==> flow/design.v <==
module sync_mag_cmp_mod #(
   parameter int W = 7
) (
   input  logic clock,
   input  logic clr,
   input  logic [W-1:0] u,
   input  logic [W-1:0] v,
   output logic le
);
   logic [W-1:0] u_q;
   logic [W-1:0] v_q;
   always_ff @(posedge clock or posedge clr) begin
      if (clr) begin
         u_q <= 0;
         v_q <= 0;
      end else begin
         u_q <= u;
         v_q <= v;
      end
   end
   assign le = (u_q <= v_q);
endmodule
# Tool chain data of sync_mag_cmp_mod
# What the tools print for sync_mag_cmp_mod, step after step.
# Lines are those of the file above, counted from 1.
# Operators: Yosys type, input widths -> output width; for muxes data width and select width s.
# Cell names lack the library's common part.
# The mark n/a stands for no value.
# setup
top	sync_mag_cmp_mod
clock	clock
library	sky130hd
corner	tt_025C_1v80

# Elaborated design
# Yosys after proc, flatten, opt, wreduce and memory -nomap, before mapping. Enables and synchronous resets that opt folds into registers are not counted as muxes. Memory bits, and registers merged into a memory's read port (data or address), are not among the register bits. Print and check cells are not counted. Equal cells are merged and count once.
# word_totals
register_bits	14
latch_bits	0
mem_bits_rw	0
mem_bits_ro	0
clocked_rd_ports_x_width	0
mem_count	0
inputBits	16
out_inout_bits	1
elab_cells	3
# classes
n_addsub	0
multipliers	0
n_div	0
n_cmp	1
equal	0
shift	0
n_mux	0
bitwise	0
reduce_and_logical	0
# ops
op	count
$le 7x7->1	1

# Logic depth
# Longest topological path by Yosys (ltp), each cell counted once; first at word level (registers and memories cut), then after technology mapping (sequential cells cut; the memories' decode and read muxes count).
# logic_depth
word_depth	1
abc_area	0
ltp_mapped	5
mapped_depth_nobuf	5

# Mapped cells and area
# Source: synth_stat.txt of the flow (Yosys; design flattened, memories mapped). It holds for the ABC_AREA given above (unset counts as 0); a run with the other value may have another netlist.
# by_type
type	count	area_total_um2
dfrtp_1	14	350.336
ha_1	7	87.584
inv_1	8	30.029
a21oi_1	3	15.014
a21oi_2	1	8.758
nand3b_1	1	7.507
nand4_1	1	6.256
o22ai_1	1	6.256
nand3_1	1	5.005
o21ai_0	1	5.005
nand2_1	1	3.754
# synth_totals
cells	39
mapped_area_mm2	0.0005255
seq_area_mm2	0.0003503
ffs	14
buffers	0

# Path before layout
# OpenSTA on the mapped netlist: ideal clock, no wires. The path of least setup slack (recovery checks aside). Input and output delay are each 20% of the period. Register names are those of the netlist, which keeps one name where synthesis merged equal registers.
# synth_timing
path_kind	reg2out
from	register u_q[2]
to	output port le
clock_period_ns	1.7
output_delay_ns	0.340
t_first_pin_ns	0.000
arrival_time_ns	1.089
t_required_ns	1.360
path_slack_ns	0.271
path_delay_ns	1.089
stages	5
n_path_buf	0
synth_period_reached_ns	1.429
# "path_delay_ns" is the arrival time less input delay plus setup time.
# At an output port there is no setup time.
# "stages" counts driving pins, that of a launching flip-flop among them; a cell with two outputs on the path counts twice.
# "synth_period_reached_ns" is the clock period less the worst setup slack; recovery checks do not enter. This is arithmetic on one report: input and output delays are still those of the set period (20% each).
# Between the ends stands the longest chain of elaborated cells between them, by number of cells; it is not shown to be the way that was timed. Of several equally long chains one is given.
# A line is the first line of the expression or statement that the cell stems from. Yosys adds cells for indexed reads and writes and turns some case tables into memories.
# synth_via
path_cell_list	dfrtp_1 > ha_1 > a21oi_2 > a21oi_1 > o22ai_1
elab_chain_len	1
cone_cells	1
lines_between	1
classes_between	compare: 1
# synth_lines
element	line	source
start, declared	10	logic [W-1:0] u_q;
start, assigned	14	u_q <= 0;
start, assigned	17	u_q <= u;
$le 7x7->1	21	assign le = (u_q <= v_q);
end, declared	8	output logic le

# Timing after layout
# From the final timing report of run 1: the path of least setup slack in the routed layout; clock arrival at registers is part of the times.
# layout_timing
path_kind	reg2out
from	register u_q[4]
to	output port le
clock_period_ns	1.7
output_delay_ns	0.34
t_first_pin_ns	0.27
arrival_time_ns	1.45
t_required_ns	1.36
path_slack_ns	-0.09
stages	6
n_path_buf	1
# Between the ends stands the longest chain of elaborated cells between them, by number of cells; it is not shown to be the way that was timed. Of several equally long chains one is given.
# layout_via
path_cell_list	dfrtp_1 > ha_4 > nand4_1 > a21oi_1 > o22ai_1 > buf_2
elab_chain_len	1
cone_cells	1
lines_between	1
classes_between	compare: 1
# layout_lines
element	line	source
start, declared	10	logic [W-1:0] u_q;
start, assigned	14	u_q <= 0;
start, assigned	17	u_q <= u;
$le 7x7->1	21	assign le = (u_q <= v_q);
end, declared	8	output logic le

# Record of 3 stored runs of the RTL-to-layout flow on sync_mag_cmp_mod, platform sky130hd. The runs are unordered. Constraints: input delay and output delay 20% of the set period each, output load 0.01 pF.
# By "achievedPeriod_ns" is meant the clock period of the run minus its worst setup slack. This is arithmetic on one report: input and output delays are still those of the set period (20% each).
# By "worst_path_time_ns" is meant the share of the clock period that the worst setup path is allowed (20% is reserved at inputs, 20% at outputs), minus its slack. Clock arrival times at its registers enter into it.
# "power.total_mw" is the tool's figure for a default switching activity; nothing was simulated.
# A setting shown as - is not set for that run.
# Among the results, - means that no value is shown for the run.
item,run 1,run 2,run 3
period_ns,1.7,1.76,2.14
CAP_MARGIN,20,20,15
CORE_MARGIN,2,2,2
CORE_UTILIZATION,40,30,71
SLEW_MARGIN,20,20,10
SETUP_SLACK_MARGIN,-,-0.12,0.04
PLACE_DENSITY_LB_ADDON,-,0.02,0.14
CELL_PAD_IN_SITES_GLOBAL_PLACEMENT,-,3,-
GPL_TIMING_DRIVEN,-,0,-
MIN_ROUTING_LAYER,-,met1,-
MAX_ROUTING_LAYER,-,met4,met5
CELL_PAD_IN_SITES_DETAIL_PLACEMENT,-,-,1
ABC_AREA,-,-,0
GPL_ROUTABILITY_DRIVEN,-,-,0
setup_ws_ns,-0.088,-0.011,-
power.total_mw,0.6889,0.6001,-
fin_tns_ns,-0.088,-0.011,-
layout_utilization_pct,62.2,45.6,-
achievedPeriod_ns,1.788,1.771,-
worst_path_time_ns,1.45,1.42,-
timing.worst_path_kind,reg2out,reg2out,-
layout_stdcell_area_mm2,0.0007895,0.0007695,-
synth_chip_area_mm2,0.0005255,0.0005255,-
die_mm2,0.0016197,0.0021027,-
# Run 3: no results, floorplanning failed with PDN-0185
